==> flow/design.v <==
module add #(
    parameter int WIDTH = 24
) (
    input  logic aclk,
    input  logic rst_ni,
    input  logic [WIDTH-1:0] x,
    input  logic [WIDTH-1:0] y,
    output logic [WIDTH:0] result
);
    logic [WIDTH-1:0] x_d1;
    logic [WIDTH-1:0] y_d1;
    localparam int H = WIDTH / 2;
    logic [H:0] low_d1;
    logic [WIDTH-H-1:0] x_hi_d1;
    logic [WIDTH-H-1:0] y_hi_d1;
    logic [WIDTH-H:0] hi;
    assign hi = x_hi_d1 + y_hi_d1 + low_d1[H];
    logic [WIDTH:0] result_d1;
    assign result = result_d1;
    always_ff @(posedge aclk or negedge rst_ni) begin
        if (~rst_ni) begin
            x_d1 <= 0;
            y_d1 <= 0;
            low_d1 <= 0;
            x_hi_d1 <= 0;
            y_hi_d1 <= 0;
            result_d1 <= 0;
        end else begin
            x_d1 <= x;
            y_d1 <= y;
            low_d1 <= x_d1[H-1:0] + y_d1[H-1:0];
            x_hi_d1 <= x_d1[WIDTH-1:H];
            y_hi_d1 <= y_d1[WIDTH-1:H];
            result_d1 <= {hi, low_d1[H-1:0]};
        end
    end
endmodule
# Tool chain data of add
# The steps from the RTL of add to its reports follow in flow order.
# Lines are those of the file above, counted from 1.
# Operators: Yosys type, input widths -> output width; for muxes data width and select width s.
# A cell with n/a has no value.
# inputs
top	add
clock_port	aclk
lib	sky130hd
lib_corner	tt_025C_1v80

# Word level
# Yosys after proc, flatten, opt, wreduce and memory -nomap, before mapping. Enables and synchronous resets that opt folds into registers are not counted as muxes. Memory bits, and registers merged into a memory's read port (data or address), are not among the register bits. Print and check cells are not counted. Equal cells are merged and count once.
# word_totals
n_memories	0
word_cells	9
mem_bits_rw	0
reg_bits	110
romBits	0
clocked_rd_ports_x_width	0
latch_bits	0
# op_classes
shifts	0
mul	0
n_cmp	0
eq_ne	0
reduce_and_logical	0
n_mux	0
add_sub_neg	3
n_logic	0
n_div	0
# ops
operator	count
$add 12x12->13	2
$add 13x1->13	1

# Depth
# Yosys ltp: most cells in a row. Word level: on the elaborated netlist, between registers, memories and ports. Mapped: between sequential cells and ports; inverters and the memories' decode and read muxes count.
# depth
word_depth	2
ABC_AREA	0
ltp_mapped	7
depth_no_buf	7

# Netlist
# Source: synth_stat.txt of the flow (Yosys; design flattened, memories mapped). It holds for the ABC_AREA given above (unset counts as 0); a run with the other value may have another netlist.
# The area totals of this step are shown rounded.
# synth_totals
cells	251
area_um2	3820
flip_flops	110
# types
cell_type	count	area_total_um2
sky130_fd_sc_hd__dfrtp_1	110	2752.64
sky130_fd_sc_hd__ha_1	23	287.776
sky130_fd_sc_hd__xnor2_1	11	96.342
sky130_fd_sc_hd__a21oi_1	12	60.058
sky130_fd_sc_hd__fa_1	3	60.058
sky130_fd_sc_hd__a21o_1	6	45.043
sky130_fd_sc_hd__nand2_1	12	45.043
sky130_fd_sc_hd__xor2_1	5	43.792
sky130_fd_sc_hd__nor2_1	9	33.782
sky130_fd_sc_hd__a211oi_1	4	30.029
sky130_fd_sc_hd__inv_1	8	30.029
sky130_fd_sc_hd__nand3_1	6	30.029
sky130_fd_sc_hd__a21oi_2	3	26.275
sky130_fd_sc_hd__o21a_1	3	22.522
sky130_fd_sc_hd__o21bai_1	3	22.522
sky130_fd_sc_hd__a221o_1	2	20.019
sky130_fd_sc_hd__o21ai_1	4	20.019
sky130_fd_sc_hd__nor3_1	3	15.014
# Other cell types: 19; their cells: 24.

# Worst setup path after synthesis
# Path of least setup slack by OpenSTA after synthesis, without wires, with an ideal clock, recovery checks aside; 20% of the period is set as input and as output delay. Where synthesis merged equal registers, the netlist keeps one of their names.
# synth_path
path_kind	register to register
start	register low_d1[12]
end	register result_d1[24]
stages	8
arrival_time_ns	1.952
path_slack_ns	0.520
path_delay_ns	2.070
setup_ns	0.118
n_path_buf	0
period_ns	2.59
period_less_setup_slack_ns	2.07
# "path_delay_ns" is the arrival time less input delay plus setup time.
# "stages" counts driving pins, that of a launching flip-flop among them; a cell with two outputs on the path counts twice.
# "period_less_setup_slack_ns" is the clock period less the worst setup slack; recovery checks do not enter. This is arithmetic on one report: input and output delays are still those of the set period (20% each).
# The rows between start and end are the longest chain of elaborated cells between them; the timing report does not say that the signal goes this way. Where chains are equally long, one stands for them.
# Each line given opens the expression or statement behind the cell; cells for indexed reads and writes are added by Yosys, which also makes memories of some case tables.
# synth_via
path_cell_list	sky130_fd_sc_hd__dfrtp_1 -> sky130_fd_sc_hd__fa_1 -> sky130_fd_sc_hd__fa_1 -> sky130_fd_sc_hd__a21oi_1 -> sky130_fd_sc_hd__o21ai_1 -> sky130_fd_sc_hd__o22ai_2 -> sky130_fd_sc_hd__o21ai_1 -> sky130_fd_sc_hd__a21o_1
elab_chain_cells	1
cells_between	1
lines_between	1
# synth_rtl
element	line_no	source
start, declared	13	logic [H:0] low_d1;
start, assigned	24	low_d1 <= 0;
start, assigned	31	low_d1 <= x_d1[H-1:0] + y_d1[H-1:0];
$add 13x1->13	17	assign hi = x_hi_d1 + y_hi_d1 + low_d1[H];
end, assigned	27	result_d1 <= 0;
end, assigned	34	result_d1 <= {hi, low_d1[H-1:0]};
end, declared	18	logic [WIDTH:0] result_d1;

# Timing after layout
# From the final timing report of entry A: the path of least setup slack in the routed layout; clock arrival at registers is part of the times.
# layout_path
path_kind	register to register
start	register low_d1[12]
end	register result_d1[24]
path_slack_ns	0.36
period_ns	2.59
n_path_buf	0
arrival_time_ns	2.48
stages	8
setup_ns	0.10
# The rows between start and end are the longest chain of elaborated cells between them; the timing report does not say that the signal goes this way. Where chains are equally long, one stands for them.
# layout_via
path_cell_list	sky130_fd_sc_hd__dfrtp_1 -> sky130_fd_sc_hd__fa_1 -> sky130_fd_sc_hd__fa_1 -> sky130_fd_sc_hd__a21oi_1 -> sky130_fd_sc_hd__o21ai_1 -> sky130_fd_sc_hd__o22ai_2 -> sky130_fd_sc_hd__o21ai_1 -> sky130_fd_sc_hd__a21o_1
elab_chain_cells	1
cells_between	1
lines_between	1
# layout_rtl
element	line_no	source
start, declared	13	logic [H:0] low_d1;
start, assigned	24	low_d1 <= 0;
start, assigned	31	low_d1 <= x_d1[H-1:0] + y_d1[H-1:0];
$add 13x1->13	17	assign hi = x_hi_d1 + y_hi_d1 + low_d1[H];
end, assigned	27	result_d1 <= 0;
end, assigned	34	result_d1 <= {hi, low_d1[H-1:0]};
end, declared	18	logic [WIDTH:0] result_d1;

# Measured results for add: 3 stored runs of the Yosys and OpenROAD flow on sky130hd. The settings differ; the order carries no meaning. The constraints put input and output delay at 20% of the set period each and load the outputs with 0.01 pF.
# "achievedPeriod_ns": clock period set for the run, less the worst setup slack. It is reckoned from that one timing run; input and output delays stay at 20% of the period that was set.
# "worst_path_allowed_less_slack_ns" = time allowed to the worst setup path (clock period - input delay - output delay, where it has them) - its slack; a late launch clock adds to it, a late capture clock takes from it.
# Results are given in rounded form.
# Among the settings, -- means not set for that run.
# Results: -- = not shown.
name,entry A,entry B,entry C
period_ns,2.59,3.03,1.34
CAP_MARGIN,20,20,30
CORE_MARGIN,2,2,2
CORE_UTILIZATION,40,54,56
SLEW_MARGIN,20,20,35
SETUP_SLACK_MARGIN,--,0.19,-0.09
PLACE_DENSITY_LB_ADDON,--,0.13,--
CELL_PAD_IN_SITES_GLOBAL_PLACEMENT,--,0,2
CELL_PAD_IN_SITES_DETAIL_PLACEMENT,--,0,0
TNS_END_PERCENT,--,35,25
GPL_ROUTABILITY_DRIVEN,--,1,0
CTS_CLUSTER_DIAMETER,--,59,--
MAX_ROUTING_LAYER,--,met5,met4
PLACE_DENSITY,--,--,0.39
CORE_ASPECT_RATIO,--,--,1.34
GPL_TIMING_DRIVEN,--,--,0
CTS_CLUSTER_SIZE,--,--,39
achievedPeriod_ns,2.234,2.278,--
post_route_stdcell_area_um2,4920,4900,--
final_setup_ws_ns,0.356,0.752,--
total_die_area_um2,10300,7760,--
synthesis_area_um2,3820,3820,--
worst_path_allowed_less_slack_ns,2.23,2.28,--
path_kind,register to register,register to register,--
# Entry C: not finished: placement ended with error GPL-0301
